==> flow/design.v <==
module gen_mul_v2_half_mul #(parameter N = 4) (
   input wire [N-1:0] a,
   input wire [N-1:0] b,
   output wire [2*N-1:0] p
);
   assign p = a * b;
endmodule
module gen_mul_v2 #(
   parameter BITS = 24
) (
   input  wire core_clk,
   input  wire [BITS-1:0] i_in0,
   input  wire [BITS-1:0] i_in1,
   output reg [2*BITS-1:0] o_q
);
   localparam LW = BITS / 2;
   wire [BITS-1:0] ll;
   gen_mul_v2_half_mul #(.N(LW)) el (.a(i_in0[LW-1:0]), .b(i_in1[LW-1:0]), .p(ll));
   wire [BITS-1:0] lh;
   gen_mul_v2_half_mul #(.N(LW)) unit (.a(i_in0[LW-1:0]), .b(i_in1[BITS-1:LW]), .p(lh));
   wire [BITS-1:0] hl;
   gen_mul_v2_half_mul #(.N(LW)) u (.a(i_in0[BITS-1:LW]), .b(i_in1[LW-1:0]), .p(hl));
   wire [BITS-1:0] hh;
   gen_mul_v2_half_mul #(.N(LW)) u0 (.a(i_in0[BITS-1:LW]), .b(i_in1[BITS-1:LW]), .p(hh));
   wire [BITS:0] aux = lh + hl;
   always @(posedge core_clk) begin
      o_q <= {hh, ll} + {aux, {LW{1'b0}}};
   end
endmodule
# Step by step through the tools: gen_mul_v2
# The steps from the RTL of gen_mul_v2 to its reports follow in flow order.
# Lines are those of the file above, counted from 1.
# Operators carry their Yosys type and port widths (W data, S select, Z words).
# Cell names lack the library's common part.
# The mark n/a stands for no value.
# inputs
design	gen_mul_v2
clock_port	core_clk
library	sky130hd
pvt_corner	tt_025C_1v80

# Word-level counts
# Yosys after proc, flatten, opt, wreduce and memory -nomap, before mapping. Enables and synchronous resets that opt folds into registers are not counted as muxes. Memory bits, and registers merged into a memory's read port (data or address), are not among the register bits. Print and check cells are not counted. Equal cells are merged and count once.
# bits
regBits	48
out_inout_bits	48
elab_cells	7
# op_classes
add_sub_neg	2
mul	4
# ops
cell	n
$mul A12 B12 Y24	4
$add A48 B37 Y48	1
$add A24 B24 Y25	1

# Logic depth
# Depth = most cells in a row (Yosys ltp): at word level without a register or memory, in the mapped netlist without a sequential cell, where the memories' decode and read muxes count.
# logic_depth
ltp_word	3
abc_area	0
depth_mapped	34

# Synthesis result
# Source: synth_stat.txt of the flow (Yosys; design flattened, memories mapped). It holds for the ABC_AREA given above (unset counts as 0); a run with the other value may have another netlist.
# types
cell	n
fa_1	444
ha_1	258
inv_1	556
and2_1	253
nand2_1	350
dfxtp_1	48
xnor2_1	65
clkbuf_1	97
a21oi_1	57
nor2_1	52
o21ai_0	36
xor2_1	20
a21o_1	23
o21a_1	14
nor2b_1	14
o21bai_1	11
nand2b_1	13
nor3_1	13
# Other cell types: 46; their cells: 101.
# mapped
cell_count	2425
mapped_area_um2	21265.4
seq_area_um2	960.9
ffs	48
# The figures by module come from a second, unflattened synthesis with its own total; it is not the netlist above.
# unflattened
cells_unflattened	2751
area_unflattened_um2	22831.9
# Rows give one instance, submodules left out.
# by_module
module	n_inst	n_cells	area_um2	mod_seq_area_um2
gen_mul_v2_half_mul #(N=12)	4	580	4764.6	0.0
gen_mul_v2	1	431	3773.6	960.9

# Worst setup path after synthesis
# Source: OpenSTA report_checks on the synthesized netlist (no wires, ideal clock, input and output delay 20% of the period each), path of least setup slack; recovery checks are left aside. Register names are those of the netlist, which keeps one name where synthesis merged equal registers.
# synth_path
path_kind	input port to flip-flop
start	input port i_in0[9]
end	register o_q[45]
clock_period_ps	12100
in_delay_ps	2420
t_first_pin_ps	2420
t_arrival_ps	10043
path_slack_ps	1929
delay_ps	7751
stages	32
n_path_buf	1
period_less_setup_slack_ps	10171
# "delay_ps" = arrival - input delay + setup time.
# "stages" counts driving pins, that of a launching flip-flop among them; a cell with two outputs on the path counts twice.
# "period_less_setup_slack_ps" = period - worst setup slack (recovery checks aside). The figure is calculated, with input and output delays left at 20% of the set period.
# Between the ends stands the longest chain of elaborated cells between them, by number of cells; it is not shown to be the way that was timed. Of several equally long chains one is given.
# A line is the first line of the expression or statement that the cell stems from. Yosys adds cells for indexed reads and writes and turns some case tables into memories.
# synth_between
path_cell_list	clkbuf_1 -> nand2_1 -> fa_1 -> inv_1 -> fa_1 -> inv_1 -> fa_1 -> fa_1 -> inv_1 -> fa_1 -> fa_1 -> inv_1 -> fa_1 -> inv_1 -> ha_1 -> a21o_1 -> a21o_1 -> a221oi_1 -> nor2_1 -> or3_1 -> a21oi_1 -> xnor2_1 -> ha_1 -> a2111oi_0 -> o21ai_0 -> o21ai_0 -> nand2_1 -> a21oi_1 -> o211ai_1 -> a41oi_1 -> nor3_1 -> xor2_1
elab_chain_len	3
cells_between	4
# synth_lines
element	line_no	source
from (decl)	12	input  wire [BITS-1:0] i_in0,
$mul A12 B12 Y24	6	assign p = a * b;
$add A24 B24 Y25	25	wire [BITS:0] aux = lh + hl;
$add A48 B37 Y48	27	o_q <= {hh, ll} + {aux, {LW{1'b0}}};
to (assign)	27
to (decl)	14	output reg [2*BITS-1:0] o_q

# Worst path after layout
# From the final timing report of run 1: the path of least setup slack in the routed layout; clock arrival at registers is part of the times.
# The path's times are printed in steps of 10 ps; the period is the one set.
# layout_path
path_kind	input port to flip-flop
start	input port i_in0[2]
end	register o_q[47]
clock_period_ps	7030
in_delay_ps	1410
t_first_pin_ps	1410
t_arrival_ps	9070
path_slack_ps	-1760
stages	33
n_path_buf	3
# Between the ends stands the longest chain of elaborated cells between them, by number of cells; it is not shown to be the way that was timed. Of several equally long chains one is given.
# layout_between
path_cell_list	clkdlybuf4s15_2 -> buf_12 -> nand2_4 -> fa_2 -> fa_2 -> inv_2 -> fa_2 -> fa_2 -> fa_2 -> fa_1 -> inv_2 -> fa_1 -> inv_2 -> ha_4 -> a21o_1 -> a21o_1 -> a221oi_4 -> nor2_4 -> o311ai_4 -> nand2_1 -> a21oi_2 -> xnor2_2 -> ha_2 -> nand4_1 -> nor2_2 -> nand2_1 -> nand2_1 -> a21oi_2 -> o211ai_1 -> a41oi_2 -> buf_12 -> nor4_4 -> xnor2_1
elab_chain_len	3
cells_between	4
# layout_lines
element	line_no	source
from (decl)	12	input  wire [BITS-1:0] i_in0,
$mul A12 B12 Y24	6	assign p = a * b;
$add A24 B24 Y25	25	wire [BITS:0] aux = lh + hl;
$add A48 B37 Y48	27	o_q <= {hh, ll} + {aux, {LW{1'b0}}};
to (assign)	27
to (decl)	14	output reg [2*BITS-1:0] o_q

# Stored flow runs of gen_mul_v2 (3 of them; Yosys, OpenROAD, sky130hd). They differ in their settings and are not a sequence. Constraints: input delay and output delay 20% of the set period each, output load 0.01 pF.
# By "period_reached_ps" is meant the clock period of the run minus its worst setup slack. This is arithmetic on one report: input and output delays are still those of the set period (20% each).
# Settings: -- = not set for that run.
setting or result,run 1,run 2,run 3
period_ns,7.03,12.1,7.27
CORE_UTILIZATION,33,40,58
PLACE_DENSITY_LB_ADDON,0.21,--,0.02
CORE_ASPECT_RATIO,1.58,--,--
CELL_PAD_IN_SITES_GLOBAL_PLACEMENT,0,--,--
TNS_END_PERCENT,35,--,10
ABC_AREA,0,--,1
CTS_CLUSTER_DIAMETER,198,--,--
CAP_MARGIN,0,20,20
SLEW_MARGIN,25,20,20
MIN_ROUTING_LAYER,met1,--,--
MAX_ROUTING_LAYER,met4,--,met4
CORE_MARGIN,2,2,2
SETUP_SLACK_MARGIN,--,--,0.49
GPL_TIMING_DRIVEN,--,--,0
CTS_CLUSTER_SIZE,--,--,78
yosys.chip_area_um2,21265.4,21265.4,22351.4
period_reached_ps,8793,11268,8337
design.die.area_um2,66541.0,55023.1,40124.1
final_setup_tns_ps,-39177,0,-17208
final_util_pct,43.6,44.4,71.7
finish.stdcell_area_um2,27939.3,23314.9,27118.5
setup_worst_slack_ps,-1763,832,-1067
hold_worst_slack_ps,1623,3063,1348
